==> flow/design.v <==
module alu_reg_file_p #(
  parameter int WORDS = 10,
  parameter int DATA_WIDTH = 4,
  parameter int RP = 2,
  parameter int NUM_WR = 2,
  parameter int ADDR_WIDTH = $clog2(WORDS)
) (
  input logic sys_clk,
  input logic aresetn,
  input logic [NUM_WR-1:0] wen_in,
  input logic [NUM_WR*ADDR_WIDTH-1:0] wsel_in,
  input logic [NUM_WR*DATA_WIDTH-1:0] wr_data_in,
  input logic [RP*ADDR_WIDTH-1:0] raddr_in,
  output logic [RP*DATA_WIDTH-1:0] read_data_out
);
  logic [NUM_WR-1:0] r_wen;
  logic [NUM_WR*ADDR_WIDTH-1:0] r_wsel;
  logic [NUM_WR*DATA_WIDTH-1:0] r_wr_data;
  always_ff @(posedge sys_clk or negedge aresetn) begin
    if (!aresetn) begin
      r_wen <= 0;
      r_wsel <= 0;
      r_wr_data <= 0;
    end else begin
      r_wen <= wen_in;
      r_wsel <= wsel_in;
      r_wr_data <= wr_data_in;
    end
  end
  logic [DATA_WIDTH-1:0] rf [0:WORDS-1];
  always_ff @(posedge sys_clk) begin
    for (int idx = 0; idx < NUM_WR; idx++)
      if (r_wen[idx]) rf[r_wsel[idx*ADDR_WIDTH +: ADDR_WIDTH]] <= r_wr_data[idx*DATA_WIDTH +: DATA_WIDTH];
  end
  logic [RP*ADDR_WIDTH-1:0] r_raddr;
  always_ff @(posedge sys_clk or negedge aresetn) begin
    if (!aresetn) begin
      r_raddr <= 0;
    end else begin
      r_raddr <= raddr_in;
    end
  end
  logic [RP*DATA_WIDTH-1:0] work;
  generate
    for (genvar jj = 0; jj < RP; jj++) begin : row
      assign work[jj*DATA_WIDTH +: DATA_WIDTH] = rf[r_raddr[jj*ADDR_WIDTH +: ADDR_WIDTH]];
    end
  endgenerate
  always_ff @(posedge sys_clk or negedge aresetn) begin
    if (!aresetn) begin
      read_data_out <= 0;
    end else begin
      read_data_out <= work;
    end
  end
endmodule
==> Step by step through the tools: alu_reg_file_p <==
Tool output for the design above, in the order of the flow.
Line numbers count from 1 in the design file above.
Cell names lack the library's common part.
{ "design": {"top": "alu_reg_file_p", "clock": "sys_clk", "library": "sky130hd", "pvt_corner": "tt_025C_1v80"} }

==> Word level <==
Counts by Yosys on the flattened word-level netlist (proc, flatten, opt, wreduce; memories kept). Register bits leave out memories and registers merged into their read ports (data or address); mux counts leave out enables and synchronous resets folded into registers. Print and check cells are left out.
Yosys's memory passes give these memory sizes; they may raise the number of words (mostly to a power of two), join words into wider ones and drop unused or constant bits.
{ "word_totals": {"output_inout_bits": 8, "reg_bits": 26, "mem_count": 1, "ramBits": 40, "clocked_rd_ports_x_width": 8} }
{ "memory_table": {"columns": ["name", "size", "word_bits", "read_ports", "write_ports", "line_no", "rtl"], "rows": [
  ["rf", 10, 4, 2, 2, 30, "logic [DATA_WIDTH-1:0] rf [0:WORDS-1];"]
]} }
{ "op_classes": {"n_mux": 6, "n_reduce_logical": 2} }
{ "ops": {"columns": ["cell", "count"], "rows": [
  ["two-way mux 4 bit", 4],
  ["zero test 1 bit", 2],
  ["two-way mux 1 bit", 2]
]} }

==> Longest topological paths <==
Depth = most cells in a row (Yosys ltp): at word level without a register or memory, in the mapped netlist without a sequential cell, where the memories' decode and read muxes count.
{ "logic_depth": {"ltp_word": 1, "ABC_AREA": 0, "depth_mapped": 4, "ltp_nobuf": 3} }

==> After synthesis <==
Yosys stat after the flow's synthesis: flattened, memories mapped to cells. It holds for the ABC_AREA given above (unset counts as 0); a run with the other value may have another netlist.
The area totals of this step are shown rounded.
{ "synth_totals": {"mapped_cells": 226, "buffers": 17, "flip_flops": 74, "synth_area_um2": 3450, "seqArea_um2": 2050} }
{ "by_type": {"columns": ["cell", "count", "area_total_um2"], "rows": [
  ["edfxtp_1", 40, 1.2E+03],
  ["dfrtp_1", 34, 850.816],
  ["mux2_2", 41, 461.693],
  ["mux2i_1", 32, 320.307],
  ["mux4_2", 8, 180.173],
  ["mux2_1", 7, 78.826],
  ["nand2_1", 12, 45.043],
  ["o21ai_1", 8, 40.038],
  ["o21bai_1", 5, 37.536],
  ["buf_1", 8, 30.029],
  ["buf_4", 4, 30.029],
  ["o21ai_0", 5, 25.024],
  ["nand3b_1", 3, 22.522],
  ["and3b_1", 2, 17.517],
  ["clkbuf_2", 3, 15.014],
  ["and3_1", 2, 12.512],
  ["nand2b_1", 2, 12.512],
  ["nor3b_2", 1, 12.512]
]} }
Not listed: further types 9, cells in them 9.

==> Timing after synthesis <==
OpenSTA on the mapped netlist: ideal clock, no wires. The path of least setup slack (recovery checks aside). Input and output delay are each 20% of the period. Register names are those of the netlist, which keeps one name where synthesis merged equal registers.
{ "synth_path": {"path_type": "register to register", "from": "register r_wsel[3]", "to": "memory rf[0][0]", "driving_pins": 3, "tclk_ns": 1.99, "setup_slack_ns": 0.400, "setup_ns": 0.361, "launch_ns": 0.000, "t_arrival_ns": 1.229, "delay_ns": 1.590, "n_path_buf": 0, "synth_period_reached_ns": 1.59} }
"delay_ns" = arrival - input delay + setup time.
"driving_pins" counts driving pins, that of a launching flip-flop among them; a cell with two outputs on the path counts twice.
"synth_period_reached_ns" is the clock period less the worst setup slack; recovery checks do not enter. This is arithmetic on one report: input and output delays are still those of the set period (20% each).
The rows between start and end are the longest chain of elaborated cells between them; the timing report does not say that the signal goes this way. Where chains are equally long, one stands for them.
A line is the first line of the expression or statement that the cell stems from. Yosys adds cells for indexed reads and writes and turns some case tables into memories.
{ "synth_via": {"path_cell_list": "dfrtp_1 -> or3b_2 -> o21ai_0", "elab_chain_cells": 1, "cone_cells": 1, "classes_between": "mux (1)"} }
{ "synth_rtl": {"columns": ["item", "line_no", "rtl"], "rows": [
  ["start, declared", 17, "logic [NUM_WR*ADDR_WIDTH-1:0] r_wsel;"],
  ["start, assigned", 22, "r_wsel <= 0;"],
  ["start, assigned", 26, "r_wsel <= wsel_in;"],
  ["two-way mux 4 bit", 33, "if (r_wen[idx]) rf[r_wsel[idx*ADDR_WIDTH +: ADDR_WIDTH]] <= r_wr_data[idx*DATA_WIDTH +: DATA_WIDTH];"],
  ["end, declared", 30, "logic [DATA_WIDTH-1:0] rf [0:WORDS-1];"]
]} }

==> Path in the finished layout <==
From the final timing report of flow run A: the path of least setup slack in the routed layout; clock arrival at registers is part of the times.
{ "layout_path": {"path_type": "register to register", "from": "register r_wsel[3]", "to": "memory rf[2][3]", "tclk_ns": 1.99, "t_arrival_ns": 1.72, "n_path_buf": 0, "launch_ns": 0.35, "setup_slack_ns": 0.26, "driving_pins": 3, "setup_ns": 0.35} }
The rows between start and end are the longest chain of elaborated cells between them; the timing report does not say that the signal goes this way. Where chains are equally long, one stands for them.
{ "layout_via": {"path_cell_list": "dfrtp_1 -> or3b_2 -> o21ai_0", "elab_chain_cells": 1, "cone_cells": 1, "classes_between": "mux (1)"} }
{ "layout_rtl": {"columns": ["item", "line_no", "rtl"], "rows": [
  ["start, declared", 17, "logic [NUM_WR*ADDR_WIDTH-1:0] r_wsel;"],
  ["start, assigned", 22, "r_wsel <= 0;"],
  ["start, assigned", 26, "r_wsel <= wsel_in;"],
  ["two-way mux 4 bit", 33, "if (r_wen[idx]) rf[r_wsel[idx*ADDR_WIDTH +: ADDR_WIDTH]] <= r_wr_data[idx*DATA_WIDTH +: DATA_WIDTH];"],
  ["end, declared", 30, "logic [DATA_WIDTH-1:0] rf [0:WORDS-1];"]
]} }

Ticket comment

Below are 3 stored runs of the flow (Yosys, OpenROAD; platform sky130hd) on alu_reg_file_p, each with its settings and what was measured, unordered. Constraints: input delay and output delay 20% of the set period each, output load 0.01 pF.
"achieved_period_ns": clock period set for the run, less the worst setup slack. It is reckoned from that one timing run; input and output delays stay at 20% of the period that was set.
Values from the reports are rounded here.
[
  {
    "run": "flow run A",
    "settings": { "period_ns": 1.99, "CAP_MARGIN": 20, "CORE_MARGIN": 2, "CORE_UTILIZATION": 40, "SLEW_MARGIN": 20 },
    "results": { "yosys.chip_area_um2": 3450, "design.die.area_um2": 9390, "post_route_util_frac": 0.493, "worstSetupSlack_ns": 0.263, "achieved_period_ns": 1.727 }
  },
  {
    "run": "flow run B",
    "settings": { "period_ns": 2.48, "CORE_UTILIZATION": 20, "SETUP_SLACK_MARGIN": -0.22, "PLACE_DENSITY": 0.6, "CELL_PAD_IN_SITES_GLOBAL_PLACEMENT": 3, "ABC_AREA": 1, "GPL_TIMING_DRIVEN": 0, "CAP_MARGIN": 20, "CORE_MARGIN": 2, "SLEW_MARGIN": 20 },
    "results": { "yosys.chip_area_um2": 3520, "design.die.area_um2": 18700, "post_route_util_frac": 0.257, "worstSetupSlack_ns": 0.787, "achieved_period_ns": 1.693 }
  },
  {
    "run": "flow run C",
    "settings": { "period_ns": 1.44, "CORE_UTILIZATION": 70, "SETUP_SLACK_MARGIN": 0.37, "PLACE_DENSITY_LB_ADDON": 0.06, "CORE_MARGIN": 7, "CELL_PAD_IN_SITES_GLOBAL_PLACEMENT": 2, "ABC_AREA": 0, "CTS_CLUSTER_SIZE": 71, "CAP_MARGIN": 25, "SLEW_MARGIN": 40, "MIN_ROUTING_LAYER": "met1" },
    "outcome": "incomplete, placement halted on FLW-0024"
  }
]
